==> flow/design.v <==
module gen_chooser_v2 #(
  parameter integer XLEN = 24,
  parameter integer WAYS = 7,
  parameter integer LOGN = $clog2(WAYS)
) (
  input  CLK,
  input  [WAYS*XLEN-1:0] src,
  input  [LOGN-1:0] select,
  output [XLEN-1:0] result
);
  reg [WAYS*XLEN-1:0] r_src;
  reg [LOGN-1:0] r_select;
  reg [XLEN-1:0] nxt;
  integer i;
  always @(*) begin
    nxt = 0;
    for (i = 0; i < WAYS; i = i + 1)
      if (r_select == i) nxt = r_src[i*XLEN +: XLEN];
  end
  reg [XLEN-1:0] r_result;
  assign result = r_result;
  always @(posedge CLK) begin
    r_src <= src;
    r_select <= select;
    r_result <= nxt;
  end
endmodule
Reports on gen_chooser_v2
What the tools print for gen_chooser_v2, step after step.
Lines are those of the file above, counted from 1.
{ "inputs": {"top": "gen_chooser_v2", "clock_port": "CLK", "cell_library": "sky130hd", "pvt_corner": "tt_025C_1v80"} }

Elaborated design
Yosys after proc, flatten, opt, wreduce and memory -nomap, before mapping. Enables and synchronous resets that opt folds into registers are not counted as muxes. Memory bits, and registers merged into a memory's read port (data or address), are not among the register bits. Print and check cells are not counted. Equal cells are merged and count once.
{ "classes": {"equal": 6, "muxes": 7, "reduce_and_logical": 1} }
{ "ops": {"columns": ["operator", "count"], "rows": [
  ["two-way mux 24 bit", 7],
  ["== test 3 bit (second input constant)", 3],
  ["== test 3 x 2 -> 1 bit (second input constant)", 2],
  ["== test 3 x 1 -> 1 bit (second input constant)", 1],
  ["zero test 3 bit", 1]
]} }
{ "word_totals": {"regBits": 195, "inputBits": 172, "output_inout_bits": 24, "wordCells": 17} }

Longest topological paths
Yosys ltp: most cells in a row. Word level: on the elaborated netlist, between registers, memories and ports. Mapped: between sequential cells and ports; inverters and the memories' decode and read muxes count.
{ "depth": {"ltp_word": 8, "abc_area": 0, "ltp_mapped": 7, "mapped_depth_nobuf": 4} }

Mapped cells and area
The flow's flattened synthesis, as Yosys stat reports it; memories are mapped. The netlist is that of the ABC_AREA named above (0 if unset); the other value can give another one.
{ "mapped": {"mapped_cells": 424, "synth_area_um2": 5765.5, "seqArea_um2": 3903.7, "ff_cells": 195, "buffers": 32} }
{ "types": {"columns": ["cell_type", "count", "area_total_um2"], "rows": [
  ["sky130_fd_sc_hd__dfxtp_1", 195, 3.9E+03],
  ["sky130_fd_sc_hd__a221oi_2", 20, 300.288],
  ["sky130_fd_sc_hd__mux2i_1", 24, 240.23],
  ["sky130_fd_sc_hd__o2bb2ai_1", 24, 210.202],
  ["sky130_fd_sc_hd__o32ai_1", 24, 210.202],
  ["sky130_fd_sc_hd__mux2_2", 14, 157.651],
  ["sky130_fd_sc_hd__nand2b_1", 25, 156.4],
  ["sky130_fd_sc_hd__a21oi_1", 24, 120.115],
  ["sky130_fd_sc_hd__mux2_1", 10, 112.608],
  ["sky130_fd_sc_hd__nor2_1", 24, 90.086],
  ["sky130_fd_sc_hd__buf_6", 7, 78.826],
  ["sky130_fd_sc_hd__buf_2", 14, 70.067],
  ["sky130_fd_sc_hd__buf_4", 5, 37.536],
  ["sky130_fd_sc_hd__a221oi_1", 4, 35.034],
  ["sky130_fd_sc_hd__clkbuf_1", 6, 22.522],
  ["sky130_fd_sc_hd__and3_1", 1, 6.256],
  ["sky130_fd_sc_hd__nor2b_1", 1, 6.256],
  ["sky130_fd_sc_hd__inv_2", 1, 3.754],
  ["sky130_fd_sc_hd__nand2_1", 1, 3.754]
]} }

Worst setup path after synthesis
Path of least setup slack by OpenSTA after synthesis, without wires, with an ideal clock, recovery checks aside; 20% of the period is set as input and as output delay. Where synthesis merged equal registers, the netlist keeps one of their names.
{ "synth_path": {"kind": "register to register", "start": "register r_select[0]", "end": "register r_result[10]", "clock_period_ns": 1.56, "setup_ns": 0.122, "launch_ns": 0.000, "arrival_time_ns": 1.128, "t_required_ns": 1.438, "setup_slack_ns": 0.310, "delay_ns": 1.250, "stages": 7, "path_buffers": 4, "synth_period_reached_ns": 1.25} }
"delay_ns" is the arrival time less input delay plus setup time.
"stages" counts driving pins, that of a launching flip-flop among them; a cell with two outputs on the path counts twice.
"synth_period_reached_ns" is the clock period less the worst setup slack; recovery checks do not enter. This is arithmetic on one report: input and output delays are still those of the set period (20% each).
Between the ends stands the longest chain of elaborated cells between them, by number of cells; it is not shown to be the way that was timed. Of several equally long chains one is given.
A line is the first line of the expression or statement that the cell stems from. Yosys adds cells for indexed reads and writes and turns some case tables into memories.
{ "synth_between": {"path_cell_list": "sky130_fd_sc_hd__dfxtp_1 sky130_fd_sc_hd__buf_6 sky130_fd_sc_hd__buf_6 sky130_fd_sc_hd__buf_6 sky130_fd_sc_hd__buf_2 sky130_fd_sc_hd__o32ai_1 sky130_fd_sc_hd__nor2_1", "elab_chain_cells": 8, "cells_between": 14, "cone_lines": 1, "cone_classes": "eq/ne: 6; mux: 7; reduce/logical: 1"} }
{ "synth_lines": {"columns": ["item", "line_no", "rtl"], "rows": [
  ["start, declared", 12, "reg [LOGN-1:0] r_select;"],
  ["start, assigned", 24, "r_select <= select;"],
  ["zero test 3 bit", 18, "if (r_select == i) nxt = r_src[i*XLEN +: XLEN];"],
  ["two-way mux 24 bit (7 in a row)", 18, null],
  ["end, assigned", 25, "r_result <= nxt;"],
  ["end, declared", 20, "reg [XLEN-1:0] r_result;"]
]} }

Timing after layout
From the final timing report of job 2: the path of least setup slack in the routed layout; clock arrival at registers is part of the times.
{ "layout_path": {"kind": "register to register", "start": "register r_select[0]", "end": "register r_result[4]", "clock_period_ns": 1.56, "setup_ns": 0.12, "launch_ns": 0.42, "arrival_time_ns": 1.80, "t_required_ns": 1.86, "setup_slack_ns": 0.07, "stages": 6, "path_buffers": 2} }
Between the ends stands the longest chain of elaborated cells between them, by number of cells; it is not shown to be the way that was timed. Of several equally long chains one is given.
{ "layout_between": {"path_cell_list": "sky130_fd_sc_hd__dfxtp_4 sky130_fd_sc_hd__buf_12 sky130_fd_sc_hd__buf_12 sky130_fd_sc_hd__mux2_2 sky130_fd_sc_hd__o32ai_1 sky130_fd_sc_hd__nor2_1", "elab_chain_cells": 8, "cells_between": 14, "cone_lines": 1, "cone_classes": "eq/ne: 6; mux: 7; reduce/logical: 1"} }
{ "layout_lines": {"columns": ["item", "line_no", "rtl"], "rows": [
  ["start, declared", 12, "reg [LOGN-1:0] r_select;"],
  ["start, assigned", 24, "r_select <= select;"],
  ["zero test 3 bit", 18, "if (r_select == i) nxt = r_src[i*XLEN +: XLEN];"],
  ["two-way mux 24 bit (7 in a row)", 18, null],
  ["end, assigned", 25, "r_result <= nxt;"],
  ["end, declared", 20, "reg [XLEN-1:0] r_result;"]
]} }

==> results <==
Measured data: module gen_chooser_v2, platform sky130hd, 2 stored runs of the flow under differing settings, order arbitrary. Input and output delays are each 20% of the period that was set; the output load is 0.01 pF.
"achieved clock period (ns)" = clock period - worst setup slack. The figure is calculated, with input and output delays left at 20% of the set period.
"worst setup path time (ns)" is the time allowed to the run's worst setup path (the clock period less input and output delay, where it has them) less its slack. Clock arrival times count: a late capture clock shortens it, a late launch clock lengthens it.
By "finish__power__total" is meant OpenSTA's value without simulated activity: inputs other than the clock are taken to toggle once in ten clock periods, and the tool carries that through the logic.

settings of job 1
{
  "period_ns": 2.38,
  "CORE_UTILIZATION": 65,
  "PLACE_DENSITY_LB_ADDON": 0.0,
  "CORE_ASPECT_RATIO": 1.66,
  "CELL_PAD_IN_SITES_GLOBAL_PLACEMENT": 0,
  "CELL_PAD_IN_SITES_DETAIL_PLACEMENT": 2,
  "GPL_TIMING_DRIVEN": 0,
  "GPL_ROUTABILITY_DRIVEN": 0,
  "CTS_CLUSTER_SIZE": 51,
  "MIN_ROUTING_LAYER": "met1",
  "MAX_ROUTING_LAYER": "met4",
  "CAP_MARGIN": 20,
  "CORE_MARGIN": 2,
  "SLEW_MARGIN": 20
}
report of job 1: did not finish, place, tool error

settings of job 2
{
  "period_ns": 1.56,
  "CAP_MARGIN": 20,
  "CORE_MARGIN": 2,
  "CORE_UTILIZATION": 40,
  "SLEW_MARGIN": 20
}
report of job 2
yosys chip area after synthesis (um^2): 5765.5
finish__design__die__area: 15389.6
finish__design__instance__area__stdcell: 8499.4
finish__design__instance__utilization: 0.6076
finish__timing__setup__ws: 0.067
finish__timing__setup__tns: 0.000
finish__timing__hold__ws: 0.321
finish__power__total: 1.087e-02
achieved clock period (ns): 1.493
worst setup path time (ns): 1.49
worst setup path kind: register to register
